==> flow/design.v <==
module alu_compare_rtl (CLK, RSTN, op_a_i, op_b_i, lower_o, mx_o);
   parameter DATA_WIDTH = 96;
   input CLK;
   input RSTN;
   input [DATA_WIDTH-1:0] op_a_i;
   input [DATA_WIDTH-1:0] op_b_i;
   output [DATA_WIDTH-1:0] lower_o;
   output [DATA_WIDTH-1:0] mx_o;
   reg [DATA_WIDTH-1:0] r_op_a;
   always @(posedge CLK) begin
      if (~RSTN) begin
         r_op_a <= 0;
      end else begin
         r_op_a <= op_a_i;
      end
   end
   reg [DATA_WIDTH-1:0] r_op_b;
   always @(posedge CLK) begin
      if (~RSTN) begin
         r_op_b <= 0;
      end else begin
         r_op_b <= op_b_i;
      end
   end
   wire tmp;
   assign tmp = r_op_a < r_op_b;
   reg [DATA_WIDTH-1:0] r_lower;
   always @(posedge CLK) begin
      if (~RSTN) begin
         r_lower <= 0;
      end else begin
         r_lower <= tmp ? r_op_a : r_op_b;
      end
   end
   assign lower_o = r_lower;
   reg [DATA_WIDTH-1:0] r_mx;
   always @(posedge CLK) begin
      if (~RSTN) begin
         r_mx <= 0;
      end else begin
         r_mx <= tmp ? r_op_b : r_op_a;
      end
   end
   assign mx_o = r_mx;
endmodule
**Step by step through the tools: alu_compare_rtl**

Tool output for the design above, in the order of the flow.
Lines are those of the file above, counted from 1.
Operators: Yosys type, input widths -> output width; for muxes data width and select width s.
Cell names lack the library's common part.
Not given: -

- Top module: alu_compare_rtl
- Clock port: CLK
- Library: sky130hd
- Timing corner: tt_025C_1v80

**Word-level counts**

Counts by Yosys on the flattened word-level netlist (proc, flatten, opt, wreduce; memories kept). Register bits leave out memories and registers merged into their read ports (data or address); mux counts leave out enables and synchronous resets folded into registers. Print and check cells are left out. Cells with the same type and inputs are merged into one.

- Register bits after elaboration: 384
- Cells after elaboration: 7

- Muxes and demuxes: 2
- $lt $le $gt $ge: 1

Operators by type and width:

| kind | number |
|---|---|
| $mux 96 | 2 |
| $lt 96x96->1 | 1 |

**Longest topological paths**

Longest topological path by Yosys (ltp), each cell counted once; first at word level (registers and memories cut), then after technology mapping (sequential cells cut; the memories' decode and read muxes count).

- Depth after elaboration: 2
- ABC_AREA: 0
- Gate-level depth with buffers: 11

**After synthesis**

The flow's flattened synthesis, as Yosys stat reports it; memories are mapped. The netlist is that of the ABC_AREA named above (0 if unset); the other value can give another one.
The area totals of this step are shown rounded.

Cells by type:

| type | number | total area (sq um) |
|---|---|---|
| dfxtp_1 | 384 | 7.69E+03 |
| mux2i_1 | 192 | 1.92E+03 |
| and2_1 | 192 | 1.2E+03 |
| ha_1 | 95 | 1188.64 |
| nand2_1 | 222 | 833.299 |
| inv_1 | 98 | 367.853 |
| a21oi_1 | 37 | 185.178 |
| clkbuf_1 | 43 | 161.405 |
| buf_8 | 9 | 135.13 |
| buf_6 | 11 | 123.869 |
| nand4_1 | 13 | 81.328 |
| o21ai_1 | 9 | 45.043 |
| and4_1 | 5 | 43.792 |
| nor4_4 | 2 | 42.541 |
| nor2_1 | 11 | 41.29 |
| o21ai_0 | 8 | 40.038 |
| a211oi_2 | 3 | 37.536 |
| nand3_1 | 7 | 35.034 |

Not listed: further types 21, cells in them 30.

- Buffers: 64
- Chip area (Yosys): 14400 sq um
- Flip-flop cells: 384
- Cell count: 1371

**Timing after synthesis**

Path of least setup slack by OpenSTA after synthesis, without wires, with an ideal clock, recovery checks aside; 20% of the period is set as input and as output delay. Where synthesis merged equal registers, the netlist keeps one of their names.

- Path type: reg2reg
- From: reg r_op_b[93]
- To: reg r_lower[15]
- Library setup time: 0.072 ns
- Path delay: 2.209 ns
- Slack: 0.552 ns
- Time at the first pin: 0.000 ns
- Stages: 12
- Data required time: 2.688 ns
- Clock period: 2.76 ns
- Data arrival time: 2.137 ns
- Synthesis period reached: 2.208 ns

"path delay" is the arrival time less input delay plus setup time.
"stages": output pins that drive a net of the path, with the launching flip-flop's if there is one; two outputs of one cell count as two.
"synthesis period reached" = period - worst setup slack (recovery checks aside). The figure is calculated, with input and output delays left at 20% of the set period.
Between the ends stands the longest chain of elaborated cells between them, by number of cells; it is not shown to be the way that was timed. Of several equally long chains one is given.
Each line given opens the expression or statement behind the cell; cells for indexed reads and writes are added by Yosys, which also makes memories of some case tables.

- Path through: dfxtp_1 -> inv_1 -> ha_1 -> nand4_1 -> nor4_4 -> nand3_1 -> nor2_1 -> o21ai_1 -> o21ai_4 -> buf_6 -> buf_8 -> mux2i_1
- Length of the longest elaborated chain: 2

RTL lines, path post-synthesis:

| element | RTL line | text |
|---|---|---|
| start, declared | 17 | `reg [DATA_WIDTH-1:0] r_op_b;` |
| start, assigned | 20 | `r_op_b <= 0;` |
| start, assigned | 22 | `r_op_b <= op_b_i;` |
| $lt 96x96->1 | 26 | `assign tmp = r_op_a < r_op_b;` |
| $mux 96 | 32 | `r_lower <= tmp ? r_op_a : r_op_b;` |
| end, assigned | 30 | `r_lower <= 0;` |
| end, assigned | 32 |  |
| end, declared | 27 | `reg [DATA_WIDTH-1:0] r_lower;` |

**Worst path after layout**

Path of least setup slack in the final report of stored run 1 (OpenROAD, finished layout, wires in). Where an end is a register, its clock arrival counts in the times.

- Path type: reg2reg
- From: reg r_op_b[90]
- To: reg r_lower[45]
- Data arrival time: 3.08 ns
- Slack: 0.12 ns
- Stages: 13
- Time at the first pin: 0.52 ns
- Data required time: 3.20 ns
- Library setup time: 0.08 ns
- Clock period: 2.76 ns

Between the ends stands the longest chain of elaborated cells between them, by number of cells; it is not shown to be the way that was timed. Of several equally long chains one is given.

- Path through: dfxtp_1 -> inv_1 -> ha_4 -> nand4_1 -> nor4_4 -> buf_4 -> nand3_1 -> o22ai_1 -> nor3_2 -> o21ai_4 -> buf_12 -> clkbuf_16 -> mux2i_1
- Length of the longest elaborated chain: 2

RTL lines, path after layout:

| element | RTL line | text |
|---|---|---|
| start, declared | 17 | `reg [DATA_WIDTH-1:0] r_op_b;` |
| start, assigned | 20 | `r_op_b <= 0;` |
| start, assigned | 22 | `r_op_b <= op_b_i;` |
| $lt 96x96->1 | 26 | `assign tmp = r_op_a < r_op_b;` |
| $mux 96 | 32 | `r_lower <= tmp ? r_op_a : r_op_b;` |
| end, assigned | 30 | `r_lower <= 0;` |
| end, assigned | 32 |  |
| end, declared | 27 | `reg [DATA_WIDTH-1:0] r_lower;` |

==> results <==
Record of 3 stored runs of the RTL-to-layout flow on alu_compare_rtl, platform sky130hd. The runs are unordered. Constraints: input delay and output delay 20% of the set period each, output load 0.01 pF.
"reached clock period" is the run's clock period less its worst setup slack. It is reckoned from that one timing run; input and output delays stay at 20% of the period that was set.
"time on the worst setup path" means the part of the period allowed to the worst setup path (the constraints hold back 20% at inputs and 20% at outputs) less its slack; where the path has registers, the arrival times of their clocks count too.
By "total power of the final layout" is meant OpenSTA's value without simulated activity: inputs other than the clock are taken to toggle once in ten clock periods, and the tool carries that through the logic.
Measured values are rounded.
Among the settings, n/a means not set for that run.
A result given as n/a is not shown for that run.

| name | stored run 1 | stored run 2 | stored run 3 |
|---|---|---|---|
| period_ns | 2.76 | 3.69 | 4.11 |
| CAP_MARGIN | 20 | 20 | 25 |
| CORE_MARGIN | 2 | 4 | 2 |
| CORE_UTILIZATION | 40 | 71 | 58 |
| SLEW_MARGIN | 20 | 0 | 20 |
| TNS_END_PERCENT | n/a | 65 | 5 |
| GPL_TIMING_DRIVEN | n/a | 1 | 0 |
| CORE_ASPECT_RATIO | n/a | n/a | 1.27 |
| CELL_PAD_IN_SITES_DETAIL_PLACEMENT | n/a | n/a | 1 |
| MAX_ROUTING_LAYER | n/a | n/a | met5 |
| standard-cell area after layout (sq um) | 20000 | n/a | n/a |
| worst hold slack in the final report (ns) | 0.439 | n/a | n/a |
| time on the worst setup path (ns) | 2.64 | n/a | n/a |
| type of the worst setup path | reg2reg | n/a | n/a |
| worst setup slack after layout (ns) | 0.120 | n/a | n/a |
| reached clock period (ns) | 2.639 | n/a | n/a |
| die area (sq um) | 37600 | n/a | n/a |
| total power of the final layout (µW) | 13300 | n/a | n/a |
| post-synthesis cell area (sq um) | 14400 | n/a | n/a |
| utilization of the finished layout (%) | 56.3 | n/a | n/a |
| final setup TNS (ns) | 0.000 | n/a | n/a |

Stored run 2: did not finish, clock tree synthesis stopped with DPL-0033
Stored run 3: did not finish, placement stopped with DPL-0033
